==> flow/design.v <==
module muxn_top #(
   parameter integer DATA_WIDTH = 24,
   parameter integer N = 16,
   parameter integer SBITS = $clog2(N)
) (
   input  ck,
   input  resetn,
   input  [N*DATA_WIDTH-1:0] bus_in,
   input  [SBITS-1:0] s_in,
   output [DATA_WIDTH-1:0] dout_out
);
   reg [N*DATA_WIDTH-1:0] bus_s;
   reg [SBITS-1:0] s_s;
   always @(posedge ck) begin
      if (~resetn) begin
         bus_s <= 0;
         s_s <= 0;
      end else begin
         bus_s <= bus_in;
         s_s <= s_in;
      end
   end
   wire [N-1:0] oh = {{(N-1){1'b0}}, 1'b1} << s_s;
   reg [DATA_WIDTH-1:0] nxt;
   integer k;
   always @(*) begin
      nxt = 0;
      for (k = 0; k < N; k = k + 1)
         nxt = nxt | (bus_s[k*DATA_WIDTH +: DATA_WIDTH] & {DATA_WIDTH{oh[k]}});
   end
   assign dout_out = nxt;
endmodule
# Tool chain data of muxn_top
# Tool output for the design above, in the order of the flow.
# Lines are those of the file above, counted from 1.
# Operators: Yosys type, input widths -> output width; for muxes data width and select width s.
# Library cell names are shortened.
# A cell with -- has no value.
[setup] design="muxn_top" clock_port="ck" library="sky130hd" pvt_corner="tt_025C_1v80"

# Word level
# Counts by Yosys on the flattened word-level netlist (proc, flatten, opt, wreduce; memories kept). Register bits leave out memories and registers merged into their read ports (data or address); mux counts leave out enables and synchronous resets folded into registers. Print and check cells are left out. Cells with the same type and inputs are merged into one.
[bits] reg_bits=388 input_bits=390
[classes] shift=1 logic=31
[ops] operator="$and 24x24->24" n=16
[ops] operator="$or 24x24->24" n=15
[ops] operator="$shl 1x4->16 const A" n=1

# Depth
# Depth = most cells in a row (Yosys ltp): at word level without a register or memory, in the mapped netlist without a sequential cell, where the memories' decode and read muxes count.
[depth] ltp_word=17 abc_area=0 mapped_depth=7 ltp_nobuf=4

# Synthesis result
# The flow's flattened synthesis, as Yosys stat reports it; memories are mapped. The netlist is that of the ABC_AREA named above (0 if unset); the other value can give another one.
[synth_totals] mapped_cells=1225 mapped_area_um2=13287.7 seqArea_um2=7767.4 flip_flops=388 buf_cells=99
[types] cell_type="dfxtp_1" n=388 type_area_um2=7767.45
[types] cell_type="and2_1" n=389 type_area_um2=2.43E+03
[types] cell_type="mux2i_1" n=72 type_area_um2=720.691
[types] cell_type="a22o_1" n=48 type_area_um2=420.403
[types] cell_type="a22oi_1" n=47 type_area_um2=352.838
[types] cell_type="clkbuf_1" n=70 type_area_um2=262.752
[types] cell_type="a221oi_1" n=24 type_area_um2=210.202
[types] cell_type="o22a_1" n=23 type_area_um2=201.443
[types] cell_type="o22ai_1" n=24 type_area_um2=150.144
[types] cell_type="nand4_1" n=23 type_area_um2=143.888
[types] cell_type="nand3_1" n=25 type_area_um2=125.12
[types] cell_type="a21oi_1" n=24 type_area_um2=120.115
[types] cell_type="buf_2" n=21 type_area_um2=105.101
[types] cell_type="nor2_1" n=25 type_area_um2=93.84
[types] cell_type="buf_4" n=7 type_area_um2=52.55
[types] cell_type="nor2b_1" n=4 type_area_um2=25.024
[types] cell_type="mux2_2" n=2 type_area_um2=22.522
[types] cell_type="nor3b_4" n=1 type_area_um2=18.768
# Not listed: further types 8, cells in them 8.

# Timing after synthesis
# OpenSTA on the mapped netlist: ideal clock, no wires. The path of least setup slack (recovery checks aside). Input and output delay are each 20% of the period. Register names are those of the netlist, which keeps one name where synthesis merged equal registers.
[synth_path] path_type="reg-to-output" start="reg s_s[3]" end="out dout_out[22]" tclk_ns=2.29 output_delay_ns=0.458 t_first_pin_ns=0.000 t_arrival_ns=1.464 slack_ns=0.368 path_delay_ns=1.464 stages=8 synth_period_reached_ns=1.922
# "path_delay_ns" = arrival - input delay + setup time.
# At an output port there is no setup time.
# "stages" counts driving pins, that of a launching flip-flop among them; a cell with two outputs on the path counts twice.
# "synth_period_reached_ns" is the clock period less the worst setup slack; recovery checks do not enter. This is arithmetic on one report: input and output delays are still those of the set period (20% each).
# The rows between start and end are the longest chain of elaborated cells between them; the timing report does not say that the signal goes this way. Where chains are equally long, one stands for them.
# A line is the first line of the expression or statement that the cell stems from. Yosys adds cells for indexed reads and writes and turns some case tables into memories.
[synth_via] cell_sequence="dfxtp_1 buf_4 buf_4 buf_4 mux2i_1 nor2_1 a221oi_1 nand3_1" elab_chain_len=17 cells_between=32 lines_between=2
[synth_rtl] item="start, declared" line=13 text="reg [SBITS-1:0] s_s;"
[synth_rtl] item="start, assigned" line=17 text="s_s <= 0;"
[synth_rtl] item="start, assigned" line=20 text="s_s <= s_in;"
[synth_rtl] item="$shl 1x4->16" line=23 text="wire [N-1:0] oh = {{(N-1){1'b0}}, 1'b1} << s_s;"
[synth_rtl] item="$and 24x24->24" line=29 text="nxt = nxt | (bus_s[k*DATA_WIDTH +: DATA_WIDTH] & {DATA_WIDTH{oh[k]}});"
[synth_rtl] item="$or 24x24->24 x15" line=29
[synth_rtl] item="end, declared" line=10 text="output [DATA_WIDTH-1:0] dout_out"

# Worst path after layout
# From the final timing report of run 1: the path of least setup slack in the routed layout; clock arrival at registers is part of the times.
[layout_path] path_type="reg-to-output" start="reg s_s[3]" end="out dout_out[3]" tclk_ns=2.85 output_delay_ns=0.57 t_first_pin_ns=0.56 t_arrival_ns=2.37 slack_ns=-0.09 stages=9
# The rows between start and end are the longest chain of elaborated cells between them; the timing report does not say that the signal goes this way. Where chains are equally long, one stands for them.
[layout_via] cell_sequence="dfxtp_4 buf_4 buf_12 and3_4 buf_12 a221oi_4 buf_6 nand4_1 buf_2" elab_chain_len=17 cells_between=32 lines_between=2
[layout_rtl] item="start, declared" line=13 text="reg [SBITS-1:0] s_s;"
[layout_rtl] item="start, assigned" line=17 text="s_s <= 0;"
[layout_rtl] item="start, assigned" line=20 text="s_s <= s_in;"
[layout_rtl] item="$shl 1x4->16" line=23 text="wire [N-1:0] oh = {{(N-1){1'b0}}, 1'b1} << s_s;"
[layout_rtl] item="$and 24x24->24" line=29 text="nxt = nxt | (bus_s[k*DATA_WIDTH +: DATA_WIDTH] & {DATA_WIDTH{oh[k]}});"
[layout_rtl] item="$or 24x24->24 x15" line=29
[layout_rtl] item="end, declared" line=10 text="output [DATA_WIDTH-1:0] dout_out"

Settings and measured results of 3 stored flow runs for module muxn_top (sky130hd), not sorted in any way. The constraints put input and output delay at 20% of the set period each and load the outputs with 0.01 pF.
[run 1] settings: period_ns=2.85, CORE_UTILIZATION=22, SETUP_SLACK_MARGIN=0.34, PLACE_DENSITY_LB_ADDON=0.16, CELL_PAD_IN_SITES_GLOBAL_PLACEMENT=0, TNS_END_PERCENT=35, GPL_ROUTABILITY_DRIVEN=0, CTS_CLUSTER_DIAMETER=360, SLEW_MARGIN=5, CAP_MARGIN=20, CORE_MARGIN=2
[run 1] result: chip area after synthesis (Yosys) 13287.7 um2, die area 62380.1 um2, standard-cell area of the final layout 21286.7 um2, utilization 0.355, worst setup slack after layout -0.089 ns, total negative slack -0.823 ns, worst hold slack 0.539 ns
[run 2] settings: period_ns=2.65, CORE_UTILIZATION=66, SETUP_SLACK_MARGIN=0.76, PLACE_DENSITY_LB_ADDON=0.24, CORE_ASPECT_RATIO=1.76, CELL_PAD_IN_SITES_DETAIL_PLACEMENT=2, TNS_END_PERCENT=95, ABC_AREA=1, CTS_CLUSTER_DIAMETER=335, MIN_ROUTING_LAYER=met1, MAX_ROUTING_LAYER=met5, CAP_MARGIN=20, CORE_MARGIN=2, SLEW_MARGIN=20
[run 2] result: did not finish, placement stopped with a tool error
[run 3] settings: period_ns=2.29, CAP_MARGIN=20, CORE_MARGIN=2, CORE_UTILIZATION=40, SLEW_MARGIN=20
[run 3] result: chip area after synthesis (Yosys) 13287.7 um2, die area 34692.8 um2, standard-cell area of the final layout 20825.0 um2, utilization 0.638, worst setup slack after layout -0.457 ns, total negative slack -9.165 ns, worst hold slack 0.496 ns
